==> flow/design.v <==
module dp_barrel_blk (i_clk, RST, d, shamt, dout);
   parameter WIDTH = 24;
   localparam SEL_WIDTH = $clog2(WIDTH);
   input i_clk;
   input RST;
   input [WIDTH-1:0] d;
   input [SEL_WIDTH-1:0] shamt;
   output reg [WIDTH-1:0] dout;
   reg [WIDTH-1:0] d_q;
   reg [SEL_WIDTH-1:0] shamt_q;
   always @(posedge i_clk) begin
      if (RST) begin
         d_q <= 0;
         shamt_q <= 0;
      end else begin
         d_q <= d;
         shamt_q <= shamt;
      end
   end
   wire [2*WIDTH-1:0] nxt = {d_q, d_q} >> shamt_q;
   always @(posedge i_clk) begin
      if (RST) begin
         dout <= 0;
      end else begin
         dout <= nxt[WIDTH-1:0];
      end
   end
endmodule
Step by step through the tools: dp_barrel_blk
Tool output for the design above, in the order of the flow.
Lines are those of the file above, counted from 1.
Operators: Yosys type, input widths -> output width; for muxes data width and select width s.
Cell names lack the library's common part.
{"block": "design", "top_module": "dp_barrel_blk", "clk_port": "i_clk", "lib": "sky130hd", "lib_corner": "tt_025C_1v80"}

Elaborated design
Yosys after proc, flatten, opt, wreduce and memory -nomap, before mapping. Enables and synchronous resets that opt folds into registers are not counted as muxes. Memory bits, and registers merged into a memory's read port (data or address), are not among the register bits. Print and check cells are not counted. Equal cells are merged and count once.
{"block": "word_totals", "inputBits": 31, "out_inout_bits": 24, "wordCells": 4, "ff_bits": 53}
{"block": "op_classes", "n_shift": 1}
{"block": "op_table", "op": "$shr 48x5->24", "n": 1}

Longest topological paths
Depth = most cells in a row (Yosys ltp): at word level without a register or memory, in the mapped netlist without a sequential cell, where the memories' decode and read muxes count.
{"block": "logic_depth", "word_depth": 1, "ABC_AREA": 0, "depth_mapped": 7, "depth_no_buf": 4}

After synthesis
Yosys stat after the flow's synthesis: flattened, memories mapped to cells. It holds for the ABC_AREA given above (unset counts as 0); a run with the other value may have another netlist.
Totals and module areas in this step are rounded.
{"block": "by_type", "type": "dfxtp_1", "n": 53, "type_area_um2": 1.06E+03}
{"block": "by_type", "type": "mux4_2", "n": 35, "type_area_um2": 788.256}
{"block": "by_type", "type": "nor2b_1", "n": 37, "type_area_um2": 231.472}
{"block": "by_type", "type": "mux2i_1", "n": 17, "type_area_um2": 170.163}
{"block": "by_type", "type": "mux2_2", "n": 10, "type_area_um2": 112.608}
{"block": "by_type", "type": "mux4_1", "n": 4, "type_area_um2": 105.101}
{"block": "by_type", "type": "o221ai_1", "n": 8, "type_area_um2": 70.067}
{"block": "by_type", "type": "nand2_1", "n": 16, "type_area_um2": 60.058}
{"block": "by_type", "type": "a22oi_1", "n": 7, "type_area_um2": 52.55}
{"block": "by_type", "type": "mux2_1", "n": 4, "type_area_um2": 45.043}
{"block": "by_type", "type": "a21oi_1", "n": 8, "type_area_um2": 40.038}
{"block": "by_type", "type": "o21ai_0", "n": 8, "type_area_um2": 40.038}
{"block": "by_type", "type": "buf_4", "n": 5, "type_area_um2": 37.536}
{"block": "by_type", "type": "clkbuf_1", "n": 10, "type_area_um2": 37.536}
{"block": "by_type", "type": "nor2_1", "n": 10, "type_area_um2": 37.536}
{"block": "by_type", "type": "buf_2", "n": 7, "type_area_um2": 35.034}
{"block": "by_type", "type": "buf_6", "n": 3, "type_area_um2": 33.782}
{"block": "by_type", "type": "inv_1", "n": 9, "type_area_um2": 33.782}
Not listed: further types 29, cells in them 54.
{"block": "mapped", "flip_flops": 53, "mapped_area_mm2": 0.0034, "n_buf": 27, "mapped_cells": 305}

Path before layout
Path of least setup slack by OpenSTA after synthesis, without wires, with an ideal clock, recovery checks aside; 20% of the period is set as input and as output delay. Where synthesis merged equal registers, the netlist keeps one of their names.
{"block": "synth_timing", "path_kind": "register to register", "from": "register shamt_q[0]", "to": "register dout[7]", "n_path_buf": 1, "stages": 5, "setup_ns": 0.117, "path_delay_ns": 1.851, "t_arrival_ns": 1.734, "setup_slack_ns": 0.459, "tclk_ns": 2.31, "t_first_pin_ns": 0.000, "synth_period_reached_ns": 1.851}
"path_delay_ns" is the arrival time less input delay plus setup time.
"stages": output pins that drive a net of the path, with the launching flip-flop's if there is one; two outputs of one cell count as two.
"synth_period_reached_ns" = period - worst setup slack (recovery checks aside). The figure is calculated, with input and output delays left at 20% of the set period.
The rows between start and end are the longest chain of elaborated cells between them; the timing report does not say that the signal goes this way. Where chains are equally long, one stands for them.
Each line given opens the expression or statement behind the cell; cells for indexed reads and writes are added by Yosys, which also makes memories of some case tables.
{"block": "synth_between", "cell_sequence": "dfxtp_1 buf_6 mux4_2 mux4_2 a22o_1", "elab_chain_cells": 1, "cone_cells": 1, "lines_between": 1, "cone_classes": "1 x shift"}
{"block": "synth_lines", "item": "start, declared", "line": 10, "source": "reg [SEL_WIDTH-1:0] shamt_q;"}
{"block": "synth_lines", "item": "start, assigned", "line": 14, "source": "shamt_q <= 0;"}
{"block": "synth_lines", "item": "start, assigned", "line": 17, "source": "shamt_q <= shamt;"}
{"block": "synth_lines", "item": "$shr 48x5->24", "line": 20, "source": "wire [2*WIDTH-1:0] nxt = {d_q, d_q} >> shamt_q;"}
{"block": "synth_lines", "item": "end, assigned", "line": 23, "source": "dout <= 0;"}
{"block": "synth_lines", "item": "end, assigned", "line": 25, "source": "dout <= nxt[WIDTH-1:0];"}
{"block": "synth_lines", "item": "end, declared", "line": 8, "source": "output reg [WIDTH-1:0] dout;"}

Timing after layout
From the final timing report of run A: the path of least setup slack in the routed layout; clock arrival at registers is part of the times.
{"block": "layout_timing", "path_kind": "register to register", "from": "register shamt_q[2]", "to": "register dout[16]", "setup_ns": 0.13, "stages": 8, "t_first_pin_ns": 0.30, "n_path_buf": 3, "t_arrival_ns": 2.44, "setup_slack_ns": 0.35, "tclk_ns": 2.62}
The rows between start and end are the longest chain of elaborated cells between them; the timing report does not say that the signal goes this way. Where chains are equally long, one stands for them.
{"block": "layout_between", "cell_sequence": "dfxtp_1 buf_2 buf_4 buf_2 mux4_2 mux2i_1 o32a_1 o221ai_1", "elab_chain_cells": 1, "cone_cells": 1, "lines_between": 1, "cone_classes": "1 x shift"}
{"block": "layout_lines", "item": "start, declared", "line": 10, "source": "reg [SEL_WIDTH-1:0] shamt_q;"}
{"block": "layout_lines", "item": "start, assigned", "line": 14, "source": "shamt_q <= 0;"}
{"block": "layout_lines", "item": "start, assigned", "line": 17, "source": "shamt_q <= shamt;"}
{"block": "layout_lines", "item": "$shr 48x5->24", "line": 20, "source": "wire [2*WIDTH-1:0] nxt = {d_q, d_q} >> shamt_q;"}
{"block": "layout_lines", "item": "end, assigned", "line": 23, "source": "dout <= 0;"}
{"block": "layout_lines", "item": "end, assigned", "line": 25, "source": "dout <= nxt[WIDTH-1:0];"}
{"block": "layout_lines", "item": "end, declared", "line": 8, "source": "output reg [WIDTH-1:0] dout;"}

Wiki page: dp_barrel_blk / flow data

Design dp_barrel_blk on sky130hd. What follows are 3 stored runs of the flow, each under its own settings; their order means nothing. The constraints put input and output delay at 20% of the set period each and load the outputs with 0.01 pF.
"achieved_period_ns" is the run's clock period less its worst setup slack. It is reckoned from that one timing run; input and output delays stay at 20% of the period that was set.
"worst_path_ns": the worst setup path's part of the clock period (all of it between registers, 20% less for each end at a port) less its slack. A launch clock that arrives late makes it longer, a capture clock that arrives late makes it shorter.
By "fin_power_w" is meant OpenSTA's value without simulated activity: inputs other than the clock are taken to toggle once in ten clock periods, and the tool carries that through the logic.
The measured numbers are rounded.

{"run": "run A", "settings": { "period_ns": 2.62, "CORE_UTILIZATION": 66, "PLACE_DENSITY_LB_ADDON": 0.14, "CORE_MARGIN": 6, "TNS_END_PERCENT": 95, "GPL_TIMING_DRIVEN": 0, "CAP_MARGIN": 35, "SLEW_MARGIN": 5, "MAX_ROUTING_LAYER": "met4" }, "results": { "ws_hold_ns": 0.68, "achieved_period_ns": 2.270, "fin_ws_ns": 0.35, "worst_path_ns": 2.27, "timing.worst_path_kind": "register to register", "synthArea_mm2": 0.0034, "fin_power_w": 0.0019, "tns_ns": 0.000, "design.die.area_mm2": 0.007, "layout_stdcell_area_mm2": 0.0041, "final_util_frac": 0.85 }}
{"run": "run B", "settings": { "period_ns": 1.17, "CORE_UTILIZATION": 27, "SETUP_SLACK_MARGIN": 0.17, "PLACE_DENSITY": 0.66, "CELL_PAD_IN_SITES_GLOBAL_PLACEMENT": 0, "ABC_AREA": 1, "GPL_TIMING_DRIVEN": 0, "SLEW_MARGIN": 30, "MIN_ROUTING_LAYER": "met1", "MAX_ROUTING_LAYER": "met5", "CAP_MARGIN": 20, "CORE_MARGIN": 2 }, "results": { "ws_hold_ns": 0.42, "achieved_period_ns": 1.483, "fin_ws_ns": -0.31, "worst_path_ns": 1.48, "timing.worst_path_kind": "register to register", "synthArea_mm2": 0.003, "fin_power_w": 0.005, "tns_ns": -6.5, "design.die.area_mm2": 0.012, "layout_stdcell_area_mm2": 0.0051, "final_util_frac": 0.47 }}
{"run": "run C", "settings": { "period_ns": 2.31, "CAP_MARGIN": 20, "CORE_MARGIN": 2, "CORE_UTILIZATION": 40, "SLEW_MARGIN": 20 }, "results": { "ws_hold_ns": 0.69, "achieved_period_ns": 2.095, "fin_ws_ns": 0.21, "worst_path_ns": 2.10, "timing.worst_path_kind": "register to register", "synthArea_mm2": 0.0034, "fin_power_w": 0.0021, "tns_ns": 0.000, "design.die.area_mm2": 0.0092, "layout_stdcell_area_mm2": 0.0041, "final_util_frac": 0.5 }}
